==> flow/design.v <==
module u_add_sub_top #(
  parameter int NBITS = 32
) (
  input  logic sys_clk,
  input  logic resetn,
  input  logic [NBITS-1:0] rs1,
  input  logic [NBITS-1:0] rs2,
  input  logic minus,
  output logic [NBITS-1:0] d,
  output logic co
);
  logic [NBITS-1:0] rs1_q;
  always_ff @(posedge sys_clk or negedge resetn) begin
    if (!resetn) begin
      rs1_q <= 0;
    end else begin
      rs1_q <= rs1;
    end
  end
  logic [NBITS-1:0] rs2_q;
  always_ff @(posedge sys_clk or negedge resetn) begin
    if (!resetn) begin
      rs2_q <= 0;
    end else begin
      rs2_q <= rs2;
    end
  end
  logic minus_q;
  always_ff @(posedge sys_clk or negedge resetn) begin
    if (!resetn) begin
      minus_q <= 1'b0;
    end else begin
      minus_q <= minus;
    end
  end
  logic [NBITS-1:0] r;
  logic [NBITS:0] carry;
  assign carry[0] = minus_q;
  for (genvar gi = 0; gi < NBITS; gi++) begin : slice
    fa unit (.a(rs1_q[gi]), .b(rs2_q[gi] ^ minus_q), .ci(carry[gi]), .s(r[gi]), .co(carry[gi+1]));
  end
  always_ff @(posedge sys_clk or negedge resetn) begin
    if (!resetn) begin
      d <= 0;
    end else begin
      d <= r;
    end
  end
  always_ff @(posedge sys_clk or negedge resetn) begin
    if (!resetn) begin
      co <= 1'b0;
    end else begin
      co <= carry[NBITS];
    end
  end
endmodule
module fa (
  input logic a,
  input logic b,
  input logic ci,
  output logic s,
  output logic co
);
  assign s = a ^ b ^ ci;
  assign co = (a & b) | (ci & (a ^ b));
endmodule
* Reports on u_add_sub_top
What the tools print for u_add_sub_top, step after step. Lines are those of the file above, counted from 1. Cell names lack the library's common part. A cell with -- has no value.
Set-up: design top u_add_sub_top, clock port sys_clk, standard-cell library sky130hd, library corner tt_025C_1v80

* Word level
Source: Yosys, flattened and elaborated, memories not mapped. Widths are those after wreduce; folded enables and synchronous resets count as part of the registers. Registers that Yosys merges into a memory's read port (data or address) are not register bits. Print and check cells do not count. Equal cells are merged and count once.
Word-level totals: flip-flop bits (word level) 98, bits of input ports 67, cells after elaboration 197, output and inout bits 33
Cells by class: bitwise logic cells 192
Operators with widths (count):
- 1-bit XOR | 96
- 1-bit bitwise AND | 64
- 1-bit OR | 32

* Logic depth
Depth = most cells in a row (Yosys ltp): at word level without a register or memory, in the mapped netlist without a sequential cell, where the memories' decode and read muxes count.
Depth: depth after elaboration 66, ABC_AREA 0, mapped depth 37, depth with buffers taken out 35

* Synthesis result
Source: synth_stat.txt of the flow (Yosys; design flattened, memories mapped). It holds for the ABC_AREA given above (unset counts as 0); a run with the other value may have another netlist. The area totals of this step are shown rounded.
Synthesis totals: mapped area 3670 µm², sequential area 2450 µm², flip-flops 98, standard cells after synthesis 227, buffer cells 4
Cells by type:
- dfrtp_1 | count 98, total area 2.45E+03 µm²
- fa_1 | count 31, total area 620.595 µm²
- xnor2_1 | count 27, total area 236.477 µm²
- inv_1 | count 61, total area 228.97 µm²
- xnor2_2 | count 2, total area 32.531 µm²
- buf_8 | count 2, total area 30.029 µm²
- xor2_1 | count 3, total area 26.275 µm²
- buf_12 | count 1, total area 20.019 µm²
- buf_6 | count 1, total area 11.261 µm²
- mux2i_1 | count 1, total area 10.01 µm²
The figures by module come from a second, unflattened synthesis with its own total; it is not the netlist above.
Second synthesis, totals: cells (unflattened synthesis) 166, area (unflattened synthesis) 3440 µm²
Each row is one instance without its submodules.
By module:
- u_add_sub_top | seq. area 2450 µm², area 2800 µm², cells 134, instances 1
- fa | seq. area 0.0 µm², area 20.0 µm², cells 1, instances 32

* Timing after synthesis
Source: OpenSTA report_checks on the synthesized netlist (no wires, ideal clock, input and output delay 20% of the period each), path of least setup slack; recovery checks are left aside. Register names are those of the netlist, which keeps one name where synthesis merged equal registers.
Timing path after synthesis: kind reg2reg, from register minus_q, to register d[31], setup slack 3.444 ns, driving pins on the path 38, path delay 13.756 ns, data required time 17.065 ns, clock period 17.2 ns, launch time at the first pin 0.000 ns, arrival 13.621 ns, library setup time 0.135 ns, path buffers 2, synthesis period reached 13.756 ns
"path delay" = arrival - input delay + setup time. "driving pins on the path" counts driving pins, that of a launching flip-flop among them; a cell with two outputs on the path counts twice. "synthesis period reached" is the clock period less the worst setup slack; recovery checks do not enter. This is arithmetic on one report: input and output delays are still those of the set period (20% each). The rows between start and end are the longest chain of elaborated cells between them; the timing report does not say that the signal goes this way. Where chains are equally long, one stands for them. Each line given opens the expression or statement behind the cell; cells for indexed reads and writes are added by Yosys, which also makes memories of some case tables.
Between the ends, after synthesis: path through dfrtp_1 -> buf_6 -> buf_12 -> xnor2_1 -> fa_1 -> fa_1 -> fa_1 -> fa_1 -> fa_1 -> fa_1 -> fa_1 -> fa_1 -> inv_1 -> fa_1 -> inv_1 -> fa_1 -> fa_1 -> fa_1 -> [... 2 more ...] -> fa_1 -> fa_1 -> fa_1 -> fa_1 -> fa_1 -> fa_1 -> fa_1 -> fa_1 -> fa_1 -> fa_1 -> fa_1 -> fa_1 -> fa_1 -> fa_1 -> fa_1 -> fa_1 -> inv_1 -> fa_1, cells in the longest elaborated chain 65, elaborated cells on any way between the ends 158, those cells by class logic: 158
RTL lines, path after synthesis:
- start: declaration | RTL line 28 | logic minus_q;
- start: assignment | RTL line 31 | minus_q <= 1'b0;
- start: assignment | RTL line 33 | minus_q <= minus;
- 1-bit XOR | RTL line 40 | fa unit (.a(rs1_q[gi]), .b(rs2_q[gi] ^ minus_q), .ci(carry[gi]), .s(r[gi]), .co(carry[gi+1]));
- 1-bit XOR | RTL line 65 | assign co = (a & b) | (ci & (a ^ b));
- 1-bit bitwise AND | RTL line 65
- 1-bit OR | RTL line 65
- 1-bit bitwise AND | RTL line 65
- 1-bit OR | RTL line 65
- 1-bit bitwise AND | RTL line 65
- [... 51 more ...]
- 1-bit bitwise AND | RTL line 65
- 1-bit OR | RTL line 65
- 1-bit bitwise AND | RTL line 65
- 1-bit OR | RTL line 65
- 1-bit bitwise AND | RTL line 65
- 1-bit OR | RTL line 65
- 1-bit XOR | RTL line 64 | assign s = a ^ b ^ ci;
- end: assignment | RTL line 44 | d <= 0;
- end: assignment | RTL line 46 | d <= r;
- end: declaration | RTL line 9 | output logic [NBITS-1:0] d,

* Worst path after layout
From the final timing report of job 1: the path of least setup slack in the routed layout; clock arrival at registers is part of the times.
Timing path after layout: kind reg2reg, from register minus_q, to register d[31], clock period 17.2 ns, launch time at the first pin 0.35 ns, arrival 14.19 ns, path buffers 1, driving pins on the path 36, library setup time 0.11 ns, data required time 17.44 ns, setup slack 3.25 ns
The rows between start and end are the longest chain of elaborated cells between them; the timing report does not say that the signal goes this way. Where chains are equally long, one stands for them.
Between the ends, after layout: path through dfrtp_2 -> buf_4 -> xnor2_1 -> fa_1 -> fa_1 -> fa_1 -> fa_1 -> fa_1 -> fa_1 -> fa_1 -> inv_1 -> fa_1 -> inv_1 -> fa_1 -> fa_1 -> fa_1 -> fa_1 -> fa_1 -> fa_1 -> fa_1 -> fa_1 -> fa_1 -> fa_1 -> fa_1 -> fa_1 -> fa_1 -> fa_1 -> fa_1 -> fa_1 -> fa_1 -> fa_1 -> fa_1 -> fa_1 -> fa_1 -> inv_1 -> fa_1, cells in the longest elaborated chain 65, elaborated cells on any way between the ends 158, those cells by class logic: 158
RTL lines, path after layout:
- start: declaration | RTL line 28 | logic minus_q;
- start: assignment | RTL line 31 | minus_q <= 1'b0;
- start: assignment | RTL line 33 | minus_q <= minus;
- 1-bit XOR | RTL line 40 | fa unit (.a(rs1_q[gi]), .b(rs2_q[gi] ^ minus_q), .ci(carry[gi]), .s(r[gi]), .co(carry[gi+1]));
- 1-bit XOR | RTL line 65 | assign co = (a & b) | (ci & (a ^ b));
- 1-bit bitwise AND | RTL line 65
- 1-bit OR | RTL line 65
- 1-bit bitwise AND | RTL line 65
- 1-bit OR | RTL line 65
- 1-bit bitwise AND | RTL line 65
- [... 51 more ...]
- 1-bit bitwise AND | RTL line 65
- 1-bit OR | RTL line 65
- 1-bit bitwise AND | RTL line 65
- 1-bit OR | RTL line 65
- 1-bit bitwise AND | RTL line 65
- 1-bit OR | RTL line 65
- 1-bit XOR | RTL line 64 | assign s = a ^ b ^ ci;
- end: assignment | RTL line 44 | d <= 0;
- end: assignment | RTL line 46 | d <= r;
- end: declaration | RTL line 9 | output logic [NBITS-1:0] d,

Subject: flow runs of u_add_sub_top

Hi,

Design u_add_sub_top on sky130hd. What follows are 3 stored runs of the flow, each under its own settings; their order means nothing. The constraints put input and output delay at 20% of the set period each and load the outputs with 0.01 pF.
"period reached" is the run's clock period less its worst setup slack. It is reckoned from that one timing run; input and output delays stay at 20% of the period that was set.
"worst path time" = time allowed to the worst setup path (clock period - input delay - output delay, where it has them) - its slack; a late launch clock adds to it, a late capture clock takes from it.
"total power after layout" rests on the timing tool's default activity at the inputs, not on a simulated workload.
The measured numbers are rounded.

[job 1] flow files
==> flow/run.sh <==
#!/bin/bash
# the make line also repeats the synthesis and layout settings of config.mk as NAME=value (left out here)
make -C /OpenROAD-flow-scripts/flow DESIGN_CONFIG=/design/flow/config.mk WORK_HOME=/design/flow/orfs CLKGATE_MAP_FILE= finish
==> flow/config.mk <==
export PLATFORM = sky130hd
export DESIGN_NAME = u_add_sub_top
export DESIGN_NICKNAME = u_add_sub_top
export VERILOG_FILES = /design/flow/design.v
export SDC_FILE = /design/flow/constraint.sdc
export NUM_CORES = 4
export LEC_CHECK = 0
export CAP_MARGIN = 20
export CORE_MARGIN = 2
export CORE_UTILIZATION = 40
export SLEW_MARGIN = 20
==> flow/constraint.sdc <==
create_clock -name core_clock -period 17.2 [get_ports {sys_clk}]
set_input_delay 3.4400 -clock core_clock [delete_from_list [all_inputs] [get_ports {sys_clk}]]
set_output_delay 3.4400 -clock core_clock [all_outputs]
set_load 0.01 [all_outputs]

[job 1] result: lowest setup slack 3.25 ns; worst path time 13.95 ns; critical path type reg2reg; period reached 13.950 ns; area of the die 9950 µm²; netlist area reported by Yosys 3670 µm²; total negative slack 0.000 ns; utilization of the finished layout 56.1%; total power after layout 533 uW; std-cell area (final layout) 4940 µm²; lowest hold slack 0.476 ns

[job 2] flow files
==> flow/run.sh <==
#!/bin/bash
# the make line also repeats the synthesis and layout settings of config.mk as NAME=value (left out here)
make -C /OpenROAD-flow-scripts/flow DESIGN_CONFIG=/design/flow/config.mk WORK_HOME=/design/flow/orfs CLKGATE_MAP_FILE= finish
==> flow/config.mk <==
export PLATFORM = sky130hd
export DESIGN_NAME = u_add_sub_top
export DESIGN_NICKNAME = u_add_sub_top
export VERILOG_FILES = /design/flow/design.v
export SDC_FILE = /design/flow/constraint.sdc
export NUM_CORES = 4
export LEC_CHECK = 0
export CAP_MARGIN = 20
export CORE_MARGIN = 2
export CORE_UTILIZATION = 35
export PLACE_DENSITY = 0.57
export SLEW_MARGIN = 20
==> flow/constraint.sdc <==
create_clock -name core_clock -period 17.7 [get_ports {sys_clk}]
set_input_delay 3.5400 -clock core_clock [delete_from_list [all_inputs] [get_ports {sys_clk}]]
set_output_delay 3.5400 -clock core_clock [all_outputs]
set_load 0.01 [all_outputs]

[job 2] result: lowest setup slack 3.79 ns; worst path time 13.91 ns; critical path type reg2reg; period reached 13.906 ns; area of the die 11300 µm²; netlist area reported by Yosys 3670 µm²; total negative slack 0.000 ns; utilization of the finished layout 48.6%; total power after layout 519 uW; std-cell area (final layout) 4980 µm²; lowest hold slack 0.465 ns

[job 3] flow files
==> flow/run.sh <==
#!/bin/bash
# the make line also repeats the synthesis and layout settings of config.mk as NAME=value (left out here)
make -C /OpenROAD-flow-scripts/flow DESIGN_CONFIG=/design/flow/config.mk WORK_HOME=/design/flow/orfs CLKGATE_MAP_FILE= finish
==> flow/config.mk <==
export PLATFORM = sky130hd
export DESIGN_NAME = u_add_sub_top
export DESIGN_NICKNAME = u_add_sub_top
export VERILOG_FILES = /design/flow/design.v
export SDC_FILE = /design/flow/constraint.sdc
export NUM_CORES = 4
export LEC_CHECK = 0
export CAP_MARGIN = 15
export CELL_PAD_IN_SITES_DETAIL_PLACEMENT = 1
export CELL_PAD_IN_SITES_GLOBAL_PLACEMENT = 0
export CORE_ASPECT_RATIO = 0.54
export CORE_MARGIN = 2
export CORE_UTILIZATION = 32
export CTS_CLUSTER_DIAMETER = 45
export GPL_ROUTABILITY_DRIVEN = 1
export MAX_ROUTING_LAYER = met4
export MIN_ROUTING_LAYER = met2
export PLACE_DENSITY = 0.77
export SLEW_MARGIN = 5
==> flow/constraint.sdc <==
create_clock -name core_clock -period 13.3 [get_ports {sys_clk}]
set_input_delay 2.6600 -clock core_clock [delete_from_list [all_inputs] [get_ports {sys_clk}]]
set_output_delay 2.6600 -clock core_clock [all_outputs]
set_load 0.01 [all_outputs]

[job 3] result: lowest setup slack 0.502 ns; worst path time 12.80 ns; critical path type reg2reg; period reached 12.798 ns; area of the die 12400 µm²; netlist area reported by Yosys 3670 µm²; total negative slack 0.000 ns; utilization of the finished layout 46.5%; total power after layout 759 uW; std-cell area (final layout) 5150 µm²; lowest hold slack 0.493 ns

Regards
